==> flow/design.v <==
module sync_as_core_n #(
  parameter int WIDTH = 6
) (
  input  logic aclk,
  input  logic adv,
  input  logic [WIDTH-1:0] in0,
  input  logic [WIDTH-1:0] in1,
  output logic [WIDTH:0] res,
  output logic [WIDTH:0] result
);
  logic [WIDTH-1:0] in0_ff;
  logic [WIDTH-1:0] in1_ff;
  always_ff @(posedge aclk) begin
    if (adv) begin
      in0_ff <= in0;
      in1_ff <= in1;
      res <= in0_ff + in1_ff;
      result <= in0_ff - in1_ff;
    end
  end
endmodule
# From RTL to reports: sync_as_core_n
# Tool output for the members of one design family, told apart by "WIDTH", in the order of the flow.
# The file above is the member WIDTH = 6. Line numbers count from 1 in each member's own file.
# Cell names lack the library's common part.
# A cell with - has no value.
[design]
top_module = "sync_as_core_n"
clock_port = "aclk"
cell_library = "sky130hd"
corner = "tt_025C_1v80"

# Members of the sweep
# New or changed lines of each further member against the RTL above, in its own file; lines it lacks are not shown.
[src_changes]
columns = ["WIDTH", "line", "source"]
rows = [
  [10, 2, "parameter int WIDTH = 10"],
  [24, 2, "parameter int WIDTH = 24"],
  [36, 2, "parameter int WIDTH = 36"],
  [56, 2, "parameter int WIDTH = 56"],
]

# Word level
# Yosys after proc, flatten, opt, wreduce and memory -nomap, before mapping. Enables and synchronous resets that opt folds into registers are not counted as muxes. Memory bits, and registers merged into a memory's read port (data or address), are not among the register bits. Print and check cells are not counted. Equal cells are merged and count once.
[word_totals]
columns = ["WIDTH", "out_inout_bits", "input_bits", "register_bits"]
rows = [
  [6, 14, 14, 26],
  [10, 22, 22, 42],
  [24, 50, 50, 98],
  [36, 74, 74, 146],
  [56, 114, 114, 226],
]
[op_classes]
columns = ["WIDTH", "n_addsub"]
rows = [
  [6, 2],
  [10, 2],
  [24, 2],
  [36, 2],
  [56, 2],
]
[op_table]
columns = ["WIDTH", "op_list"]
rows = [
  [6, "1 x 6-bit by 6-bit adder with 7-bit output; 1 x 6-bit by 6-bit subtractor with 7-bit output"],
  [10, "1 x 10-bit by 10-bit adder with 11-bit output; 1 x 10-bit by 10-bit subtractor with 11-bit output"],
  [24, "1 x 24-bit by 24-bit adder with 25-bit output; 1 x 24-bit by 24-bit subtractor with 25-bit output"],
  [36, "1 x 36-bit by 36-bit adder with 37-bit output; 1 x 36-bit by 36-bit subtractor with 37-bit output"],
  [56, "1 x 56-bit by 56-bit adder with 57-bit output; 1 x 56-bit by 56-bit subtractor with 57-bit output"],
]

# Longest topological paths
# Depth = most cells in a row (Yosys ltp): at word level without a register or memory, in the mapped netlist without a sequential cell, where the memories' decode and read muxes count.
[logic_depth]
columns = ["WIDTH", "ltp_word", "abc_area", "ltp_mapped", "ltp_nobuf"]
rows = [
  [6, 1, 0, 7, 7],
  [10, 1, 0, 9, 9],
  [24, 1, 0, 10, 10],
  [36, 1, 0, 13, 12],
  [56, 1, 0, 13, 13],
]

# Synthesis result
# Source: synth_stat.txt of the flow (Yosys; design flattened, memories mapped). It holds for the ABC_AREA given above (unset counts as 0); a run with the other value may have another netlist.
[types]
columns = ["WIDTH", "cell_types"]
rows = [
  [6, "25 x edfxtp_1; 12 x ha_1; 15 x inv_1; 2 x fa_1; 3 x xor2_1; 5 x a21oi_1; 6 x nor2_1; 4 x o21ai_0; 3 x nor2b_1; 1 x a2111oi_2; 1 x mux2_4; 3 x nor3_1; 2 x o21a_1; 1 x buf_6; 1 x a221o_1; 1 x mux2i_1; 1 x a221oi_1; 1 x o31a_1; (+9)"],
  [10, "41 x edfxtp_1; 20 x ha_1; 23 x inv_1; 15 x a21oi_1; 8 x xor2_1; 7 x xnor2_1; 16 x nor2_1; 2 x fa_1; 2 x a211oi_2; 3 x o21bai_1; 4 x buf_2; 2 x a211oi_1; 2 x buf_4; 4 x nand2_1; 2 x o31ai_1; 2 x nor2b_1; 1 x o211ai_2; 1 x o41a_2; (+19)"],
  [24, "97 x edfxtp_1; 48 x ha_1; 38 x xnor2_1; 49 x a21oi_1; 43 x inv_1; 15 x o31ai_1; 28 x nor2_1; 16 x nand2_1; 9 x nand2b_1; 7 x o21bai_1; 8 x nor2b_1; 8 x nor4_1; 6 x a21o_1; 6 x buf_4; 9 x nor3_1; 9 x o21ai_0; 5 x xor2_1; 8 x buf_2; (+66)"],
  [36, "145 x edfxtp_1; 72 x ha_1; 51 x xnor2_1; 74 x a21oi_1; 71 x inv_1; 45 x o21ai_0; 51 x nor2_1; 18 x o21bai_1; 14 x xor2_1; 28 x nand2_1; 7 x buf_6; 10 x a21o_1; 15 x nand3_1; 12 x nor2b_1; 16 x clkbuf_1; 7 x o211ai_1; 9 x nor3_1; 3 x clkbuf_8; (+86)"],
  [56, "225 x edfxtp_1; 112 x ha_1; 93 x xnor2_1; 141 x a21oi_1; 110 x inv_1; 98 x nor2_1; 50 x o21ai_0; 30 x o21bai_1; 55 x nand2_1; 21 x a21o_1; 41 x clkbuf_1; 17 x o31ai_1; 18 x nand4_1; 17 x nor4_1; 18 x nand3_1; 13 x nor2b_1; 16 x nor3_1; 9 x xor2_1; (+153)"],
]
# The mark (+n) counts cells that are not listed.
[mapped]
columns = ["WIDTH", "mapped_area_um2", "sequential_area_um2", "cells", "flip_flops"]
rows = [
  [6, 1278.7, 750.7, 96, 25],
  [10, 2167.1, 1231.2, 174, 41],
  [24, 5602.9, 2912.8, 475, 97],
  [36, 8318.0, 4354.2, 734, 145],
  [56, 13365.3, 6756.5, 1237, 225],
]

# Path before layout
# Path of least setup slack by OpenSTA after synthesis, without wires, with an ideal clock, recovery checks aside; 20% of the period is set as input and as output delay. Where synthesis merged equal registers, the netlist keeps one of their names.
[synth_timing]
columns = ["WIDTH", "kind", "startpoint", "endpoint", "slack_ps", "clock_period_ps", "path_stages", "delay_ps", "synth_period_reached_ps"]
rows = [
  [6, "register to register", "reg in0_ff[1]", "reg res[5]", 486, 2420, 6, 1933, 1934],
  [10, "register to register", "reg in0_ff[0]", "reg result[8]", 498, 2500, 10, 2002, 2002],
  [24, "register to register", "reg in1_ff[0]", "reg result[24]", 618, 3090, 10, 2472, 2472],
  [36, "register to register", "reg in0_ff[18]", "reg res[32]", 732, 3650, 13, 2918, 2918],
  [56, "register to register", "reg in0_ff[9]", "reg res[53]", 856, 4280, 12, 3424, 3424],
]
# "delay_ps" is the arrival time less input delay plus setup time.
# "path_stages" counts driving pins, that of a launching flip-flop among them; a cell with two outputs on the path counts twice.
# "synth_period_reached_ps" is the clock period less the worst setup slack; recovery checks do not enter. This is arithmetic on one report: input and output delays are still those of the set period (20% each).
# Between the ends stands the longest chain of elaborated cells between them, by number of cells; it is not shown to be the way that was timed. Of several equally long chains one is given.
# A line is the first line of the expression or statement that the cell stems from. Yosys adds cells for indexed reads and writes and turns some case tables into memories.
[synth_between_WIDTH_6]
elab_chain_cells = 1
[synth_lines_WIDTH_6]
columns = ["item", "line", "source"]
rows = [
  ["from (decl)", 11, "logic [WIDTH-1:0] in0_ff;"],
  ["from (assign)", 15, "in0_ff <= in0;"],
  ["6-bit by 6-bit adder with 7-bit output", 17, "res <= in0_ff + in1_ff;"],
  ["to (assign)", 17, ""],
  ["to (decl)", 8, "output logic [WIDTH:0] res,"],
]
[synth_between_WIDTH_56]
elab_chain_cells = 1
[synth_lines_WIDTH_56]
columns = ["item", "line", "source"]
rows = [
  ["from (decl)", 11, "logic [WIDTH-1:0] in0_ff;"],
  ["from (assign)", 15, "in0_ff <= in0;"],
  ["56-bit by 56-bit adder with 57-bit output", 17, "res <= in0_ff + in1_ff;"],
  ["to (assign)", 17, ""],
  ["to (decl)", 8, "output logic [WIDTH:0] res,"],
]

# Worst path after layout
# Path of least setup slack in the final report of each member's run (OpenROAD, finished layout, wires in). Where an end is a register, its clock arrival counts in the times.
# The path's times are printed in steps of 10 ps; the period is the one set.
[layout_timing]
columns = ["WIDTH", "kind", "startpoint", "endpoint", "clock_period_ps", "path_stages", "n_path_buf", "t_arrival_ps", "slack_ps"]
rows = [
  [6, "register to register", "reg in1_ff[1]", "reg res[5]", 2420, 7, 0, 2210, 350],
  [10, "register to register", "reg in0_ff[0]", "reg result[8]", 2500, 10, 0, 2200, 350],
  [24, "register to register", "reg in1_ff[0]", "reg result[22]", 3090, 10, 0, 3080, 190],
  [36, "register to register", "reg in0_ff[0]", "reg res[32]", 3650, 12, 0, 3510, 300],
  [56, "register to register", "reg in1_ff[0]", "reg result[54]", 4280, 13, 0, 4190, 380],
]

# Measured runs
# Settings and results of one run of the flow (Yosys, OpenROAD) for each member follow. The constraints put input and output delay at 20% of the set period each and load the outputs with 0.01 pF.
[flow_settings]
CAP_MARGIN = 20
CORE_MARGIN = 2
CORE_UTILIZATION = 40
SLEW_MARGIN = 20
[settings_by_member]
columns = ["WIDTH", "period_ns"]
rows = [
  [6, 2.42],
  [10, 2.5],
  [24, 3.09],
  [36, 3.65],
  [56, 4.28],
]
[measured]
columns = ["WIDTH", "setupTns_ps", "worst_setup_slack_ps", "ws_hold_ps", "synthArea_um2", "design_power_w", "post_route_util_pct", "design.die.area_um2", "final_stdcell_area_um2", "clock_period_reached_ps"]
rows = [
  [6, 0, 346, 703, 1278.7, 0.001032, 52.9, 3665.1, 1615.3, 2074],
  [10, 0, 348, 695, 2167.1, 0.001831, 52.5, 6022.5, 2716.4, 2152],
  [24, 0, 187, 671, 5602.9, 0.004149, 51.0, 14969.5, 7019.2, 2903],
  [36, 0, 301, 672, 8318.0, 0.005638, 52.3, 21964.7, 10621.4, 3349],
  [56, 0, 377, 694, 13365.3, 0.007597, 51.8, 34892.4, 16953.8, 3903],
]
# "clock_period_reached_ps" is the run's clock period less its worst setup slack. It is reckoned from that one timing run; input and output delays stay at 20% of the period that was set.
# "design_power_w" rests on the timing tool's default activity at the inputs, not on a simulated workload.
